==> flow/design.v <==
module cpu_switch_blk (clock, in_src, in_addr, out_z_o);
  parameter integer DWIDTH = 6;
  parameter integer COUNT = 8;
  localparam integer SEL_W = $clog2(COUNT);
  input clock;
  input [COUNT*DWIDTH-1:0] in_src;
  input [SEL_W-1:0] in_addr;
  output reg [DWIDTH-1:0] out_z_o;
  wire [COUNT-1:0] dec = {{(COUNT-1){1'b0}}, 1'b1} << in_addr;
  reg [DWIDTH-1:0] work;
  integer t;
  always @* begin
    work = 0;
    for (t = 0; t < COUNT; t = t + 1)
      work = work | (in_src[t*DWIDTH +: DWIDTH] & {DWIDTH{dec[t]}});
  end
  always @(posedge clock) begin
    out_z_o <= work;
  end
endmodule
# From RTL to reports: cpu_switch_blk

The steps from the RTL of cpu_switch_blk to its reports follow in flow order.
Lines are those of the file above, counted from 1.
Operators carry their Yosys type and port widths (W data, S select, Z words).
Cell names lack the library's common part.
A cell with n/a has no value.

Top module: cpu_switch_blk
Clock port: clock
Cell library: sky130hd
Library corner: tt_025C_1v80

# Elaborated design

Counts by Yosys on the flattened word-level netlist (proc, flatten, opt, wreduce; memories kept). Register bits leave out memories and registers merged into their read ports (data or address); mux counts leave out enables and synchronous resets folded into registers. Print and check cells are left out. Cells with the same type and inputs are merged into one.

Shifts and indexed selects: 1
Bitwise gates (word level): 15

Operators by type and width:

| cell                  | number |
| $and A6 B6 Y6         | 8 |
| $or A6 B6 Y6          | 7 |
| $shl A1 B3 Y8 const A | 1 |

Register bits after elaboration: 6
Bits of input ports: 52
Output and inout port bits: 6

# Logic depth

Longest topological path by Yosys (ltp), each cell counted once; first at word level (registers and memories cut), then after technology mapping (sequential cells cut; the memories' decode and read muxes count).

Depth in word-level cells: 9
ABC_AREA: 0
Depth in mapped cells: 3
Depth with buffers taken out: 2

# After synthesis

Source: synth_stat.txt of the flow (Yosys; design flattened, memories mapped). It holds for the ABC_AREA given above (unset counts as 0); a run with the other value may have another netlist.
Totals and module areas in this step are rounded.

Cells in the netlist: 27
Mapped area: 0.000522 mm²
Sequential area: 0.00012 mm²
Flip-flop cells: 6
Buffer cells: 3

Cell types:

| cell     | number | total area (µm²) |
| mux4_1   | 12     | 315.302 |
| dfxtp_1  | 6      | 120.115 |
| mux2_2   | 6      | 67.565 |
| buf_6    | 1      | 11.261 |
| buf_1    | 1      | 3.754 |
| clkbuf_1 | 1      | 3.754 |

# Worst setup path after synthesis

Source: OpenSTA report_checks on the synthesized netlist (no wires, ideal clock, input and output delay 20% of the period each), path of least setup slack; recovery checks are left aside. Register names are those of the netlist, which keeps one name where synthesis merged equal registers.

Path type: input to register
Start: input in_addr[0]
End: register out_z_o[0]
Period: 1610 ps
Input delay: 322 ps
Time at the first pin: 322 ps
Arrival time: 1233 ps
Path slack: 256 ps
Path delay: 1032 ps
Driving pins on the path: 3
Path buffers: 1
Synthesis period reached: 1354 ps

"path delay" is the arrival time less input delay plus setup time.
"driving pins on the path" counts driving pins, that of a launching flip-flop among them; a cell with two outputs on the path counts twice.
"synthesis period reached" = period - worst setup slack (recovery checks aside). The figure is calculated, with input and output delays left at 20% of the set period.
Between the ends stands the longest chain of elaborated cells between them, by number of cells; it is not shown to be the way that was timed. Of several equally long chains one is given.
Each line given opens the expression or statement behind the cell; cells for indexed reads and writes are added by Yosys, which also makes memories of some case tables.

Path through: buf_6 > mux4_1 > mux2_2
Length of the longest elaborated chain: 9
Elaborated cells on any way between the ends: 16
Source lines of those cells: 2

RTL lines, path after synthesis:

| element            | RTL line | text |
| start: declaration | 7        | `input [SEL_W-1:0] in_addr;` |
| $shl A1 B3 Y8      | 9        | `wire [COUNT-1:0] dec = {{(COUNT-1){1'b0}}, 1'b1} << in_addr;` |
| $and A6 B6 Y6      | 15       | `work = work \| (in_src[t*DWIDTH +: DWIDTH] & {DWIDTH{dec[t]}});` |
| $or A6 B6 Y6 x7    | 15       |  |
| end: assignment    | 18       | `out_z_o <= work;` |
| end: declaration   | 8        | `output reg [DWIDTH-1:0] out_z_o;` |

# Worst path after layout

Path of least setup slack in the final report of entry A (OpenROAD, finished layout, wires in). Where an end is a register, its clock arrival counts in the times.
The path's times are printed in steps of 10 ps; the period is the one set.

Path type: input to register
Start: input in_addr[0]
End: register out_z_o[3]
Period: 1610 ps
Input delay: 320 ps
Time at the first pin: 320 ps
Arrival time: 1590 ps
Path slack: 150 ps
Driving pins on the path: 4
Path buffers: 2

Between the ends stands the longest chain of elaborated cells between them, by number of cells; it is not shown to be the way that was timed. Of several equally long chains one is given.

Path through: dlygate4sd2_1 > buf_6 > mux4_1 > mux2_2
Length of the longest elaborated chain: 9
Elaborated cells on any way between the ends: 16
Source lines of those cells: 2

RTL lines, path after layout:

| element            | RTL line | text |
| start: declaration | 7        | `input [SEL_W-1:0] in_addr;` |
| $shl A1 B3 Y8      | 9        | `wire [COUNT-1:0] dec = {{(COUNT-1){1'b0}}, 1'b1} << in_addr;` |
| $and A6 B6 Y6      | 15       | `work = work \| (in_src[t*DWIDTH +: DWIDTH] & {DWIDTH{dec[t]}});` |
| $or A6 B6 Y6 x7    | 15       |  |
| end: assignment    | 18       | `out_z_o <= work;` |
| end: declaration   | 8        | `output reg [DWIDTH-1:0] out_z_o;` |

Subject: cpu_switch_blk on sky130hd, stored results

Hello all,

Flow measurements of cpu_switch_blk on sky130hd: 3 stored runs with different settings, listed in no order. Input and output delays are each 20% of the period that was set; the output load is 0.01 pF.
By "reached clock period" is meant the clock period of the run minus its worst setup slack. This is arithmetic on one report: input and output delays are still those of the set period (20% each).
"critical setup path time" = time allowed to the worst setup path (clock period - input delay - output delay, where it has them) - its slack; a late launch clock adds to it, a late capture clock takes from it.
"total power of the final layout" is the tool's figure for a default switching activity; nothing was simulated.
"critical setup path time" is given in steps of 10 ps.
The results are shown rounded.
Among the settings, n/a means not set for that run.
Among the results, n/a means that no value is shown for the run.

| name                                   | entry A           | entry B | entry C |
| period_ns                              | 1.61              | 0.852   | 0.968   |
| CAP_MARGIN                             | 20                | 25      | 0       |
| CORE_MARGIN                            | 2                 | 2       | 2       |
| CORE_UTILIZATION                       | 40                | 45      | 43      |
| SLEW_MARGIN                            | 20                | 0       | 20      |
| HOLD_SLACK_MARGIN                      | n/a               | -0.04   | n/a     |
| CELL_PAD_IN_SITES_GLOBAL_PLACEMENT     | n/a               | 3       | n/a     |
| GPL_TIMING_DRIVEN                      | n/a               | 0       | 1       |
| GPL_ROUTABILITY_DRIVEN                 | n/a               | 0       | n/a     |
| CTS_CLUSTER_DIAMETER                   | n/a               | 41      | n/a     |
| MIN_ROUTING_LAYER                      | n/a               | met2    | n/a     |
| MAX_ROUTING_LAYER                      | n/a               | met5    | met4    |
| SETUP_SLACK_MARGIN                     | n/a               | n/a     | 0.2     |
| PLACE_DENSITY_LB_ADDON                 | n/a               | n/a     | 0.27    |
| CORE_ASPECT_RATIO                      | n/a               | n/a     | 0.64    |
| TNS_END_PERCENT                        | n/a               | n/a     | 60      |
| total power of the final layout (W)    | 0.000586          | n/a     | n/a     |
| post-route worst hold slack (ps)       | 837               | n/a     | n/a     |
| reached clock period (ps)              | 1465              | n/a     | n/a     |
| setup slack of the worst path (ps)     | 145               | n/a     | n/a     |
| utilization (%)                        | 91.1              | n/a     | n/a     |
| area of the die (mm²)                  | 0.00161           | n/a     | n/a     |
| standard-cell area after layout (mm²)  | 0.00114           | n/a     | n/a     |
| critical setup path time (ps)          | 1140              | n/a     | n/a     |
| type of the worst setup path           | input to register | n/a     | n/a     |
| post-route setup TNS (ps)              | 0                 | n/a     | n/a     |
| mapped cell area after synthesis (mm²) | 0.000522          | n/a     | n/a     |

Entry B: incomplete, placement halted on GPL-0301
Entry C: incomplete, floorplanning halted on PDN-0185

Thanks
